==> flow/design.v <==
module dp_shifter_v2 #(
  parameter BITS = 48,
  parameter SEL_WIDTH = $clog2(BITS)
) (
  input logic core_clk,
  input logic ce,
  input logic [BITS-1:0] i_ch,
  input logic [SEL_WIDTH-1:0] i_count,
  output logic [BITS-1:0] o_res
);
  logic [BITS-1:0] r_ch;
  logic [SEL_WIDTH-1:0] r_count;
  always_ff @(posedge core_clk) begin
    if (ce) begin
      r_ch <= i_ch;
      r_count <= i_count;
      o_res <= r_ch << r_count;
    end
  end
endmodule
# From RTL to reports: dp_shifter_v2
# Tool output for the members of one design family, told apart by "BITS", in the order of the flow.
# The file above is the member BITS 48. Line numbers count from 1 in each member's own file.
# Library cell names are shortened.
# The mark - stands for no value.
# design
top_module,dp_shifter_v2
clock,core_clk
lib,sky130hd
lib_corner,tt_025C_1v80

# Members of the sweep
# New or changed lines of each further member against the RTL above, in its own file; lines it lacks are not shown.
# changed_lines
BITS,line,rtl
56,2,"parameter BITS = 56,"
64,2,"parameter BITS = 64,"

# Elaborated design
# Yosys after proc, flatten, opt, wreduce and memory -nomap, before mapping. Enables and synchronous resets that opt folds into registers are not counted as muxes. Memory bits, and registers merged into a memory's read port (data or address), are not among the register bits. Print and check cells are not counted. Equal cells are merged and count once.
# word_totals
BITS,reg_bits,inputBits,out_inout_bits,word_cells
48,102,56,48,4
56,118,64,56,4
64,134,72,64,4
# classes
BITS,shifts
48,1
56,1
64,1
# op_table
BITS,operators
48,left shift 48 x 6 -> 48 bit: 1
56,left shift 56 x 6 -> 56 bit: 1
64,left shift 64 x 6 -> 64 bit: 1

# Depth
# Longest topological path by Yosys (ltp), each cell counted once; first at word level (registers and memories cut), then after technology mapping (sequential cells cut; the memories' decode and read muxes count).
# depth
BITS,word_depth,abc_area,depth_mapped
48,1,0,10
56,1,0,10
64,1,0,9

# Netlist
# The flow's flattened synthesis, as Yosys stat reports it; memories are mapped. The netlist is that of the ABC_AREA named above (0 if unset); the other value can give another one.
# The area totals of this step are shown rounded.
# types
BITS,cell_types
48,edfxtp_1: 102; mux4_2: 29; mux2i_1: 43; mux4_1: 9; nand2_1: 60; mux2_2: 14; nor2_1: 41; o22ai_1: 17; a21oi_1: 19; o211ai_1: 10; o221ai_1: 8; buf_6: 6; clkbuf_1: 18; nor3_1: 12; and2_1: 8; buf_2: 9; buf_4: 6; o21ai_0: 9; (+70)
56,edfxtp_1: 118; mux4_2: 69; mux2i_1: 50; mux2_2: 22; nor2_1: 52; nand2_1: 46; mux4_1: 5; a21oi_1: 21; buf_2: 19; buf_6: 8; nand3_1: 18; o221ai_1: 9; o21ai_1: 14; clkbuf_1: 17; o211ai_1: 8; buf_4: 6; mux2_4: 3; a211oi_1: 5; (+86)
64,edfxtp_1: 134; mux4_2: 52; mux2i_1: 63; mux2_2: 32; mux4_1: 13; nand2_1: 67; nor2_1: 45; o22ai_1: 21; buf_2: 22; a21oi_1: 21; o21ai_0: 20; a22oi_1: 12; clkbuf_1: 22; nand3_1: 15; o211ai_1: 9; and2_1: 10; nor3_1: 12; nor2b_1: 9; (+105)
# A list marked (+n) leaves out that many cells.
# mapped
BITS,cells,synth_area_um2,ff_cells
48,490,6200,102
56,576,7700,118
64,684,8700,134

# Path before layout
# OpenSTA on the mapped netlist: ideal clock, no wires. The path of least setup slack (recovery checks aside). Input and output delay are each 20% of the period. Register names are those of the netlist, which keeps one name where synthesis merged equal registers.
# synth_path
BITS,path_type,startpoint,endpoint,clock_period_ns,setup_slack_ns,driving_pins,path_delay_ns,period_less_setup_slack_ns
48,flip-flop to flip-flop,reg r_count[0],reg o_res[47],2.64,0.528,8,2.112,2.112
56,flip-flop to flip-flop,reg r_count[1],reg o_res[34],2.66,0.534,6,2.126,2.126
64,flip-flop to flip-flop,reg r_count[1],reg o_res[49],2.87,0.572,10,2.298,2.298
# "path_delay_ns" = arrival - input delay + setup time.
# "driving_pins": output pins that drive a net of the path, with the launching flip-flop's if there is one; two outputs of one cell count as two.
# "period_less_setup_slack_ns" = period - worst setup slack (recovery checks aside). The figure is calculated, with input and output delays left at 20% of the set period.
# Between the ends stands the longest chain of elaborated cells between them, by number of cells; it is not shown to be the way that was timed. Of several equally long chains one is given.
# A line is the first line of the expression or statement that the cell stems from. Yosys adds cells for indexed reads and writes and turns some case tables into memories.
# synth_between_BITS_48
elab_chain_len,1
# synth_rtl_BITS_48
item,line,rtl
from (decl),12,logic [SEL_WIDTH-1:0] r_count;
from (assign),16,r_count <= i_count;
left shift 48 x 6 -> 48 bit,17,o_res <= r_ch << r_count;
to (assign),17,
to (decl),9,output logic [BITS-1:0] o_res
# synth_between_BITS_64
elab_chain_len,1
# synth_rtl_BITS_64
item,line,rtl
from (decl),12,logic [SEL_WIDTH-1:0] r_count;
from (assign),16,r_count <= i_count;
left shift 64 x 6 -> 64 bit,17,o_res <= r_ch << r_count;
to (assign),17,
to (decl),9,output logic [BITS-1:0] o_res

# Timing after layout
# From the final timing report of each member's run: the path of least setup slack in the routed layout; clock arrival at registers is part of the times.
# layout_path
BITS,path_type,startpoint,endpoint,clock_period_ns,setup_slack_ns,driving_pins,t_arrival_ns,path_buffers
48,flip-flop to flip-flop,reg r_count[1],reg o_res[27],2.64,0.19,7,2.54,1
56,flip-flop to flip-flop,reg r_count[1],reg o_res[43],2.66,0.14,7,2.67,2
64,flip-flop to flip-flop,reg r_count[1],reg o_res[59],2.87,0.14,7,2.88,1

# Flow runs
# Settings and results of one run of the flow (Yosys, OpenROAD) for each member follow. The constraints put input and output delay at 20% of the set period each and load the outputs with 0.01 pF.
# flow_settings
CAP_MARGIN,20
CORE_MARGIN,2
CORE_UTILIZATION,40
SLEW_MARGIN,20
# settings_diff
BITS,period_ns
48,2.64
56,2.66
64,2.87
# results
BITS,synth_chip_area_um2,design.die.area_um2,post_route_util_pct,setup_worst_slack_ns,tns_ns,timing.hold.ws_ns,total_power_uw,achieved_period_ns
48,6200,16000,52,0.19,0.000,0.55,4800,2.453
56,7700,20000,54,0.14,0.000,0.66,6600,2.525
64,8700,23000,53,0.14,0.000,0.69,7000,2.726
# "achieved_period_ns" means the clock period less the worst setup slack. The figure is calculated, with input and output delays left at 20% of the set period.
# "total_power_uw" is the tool's figure for a default switching activity; nothing was simulated.
# Values from the reports are rounded here.
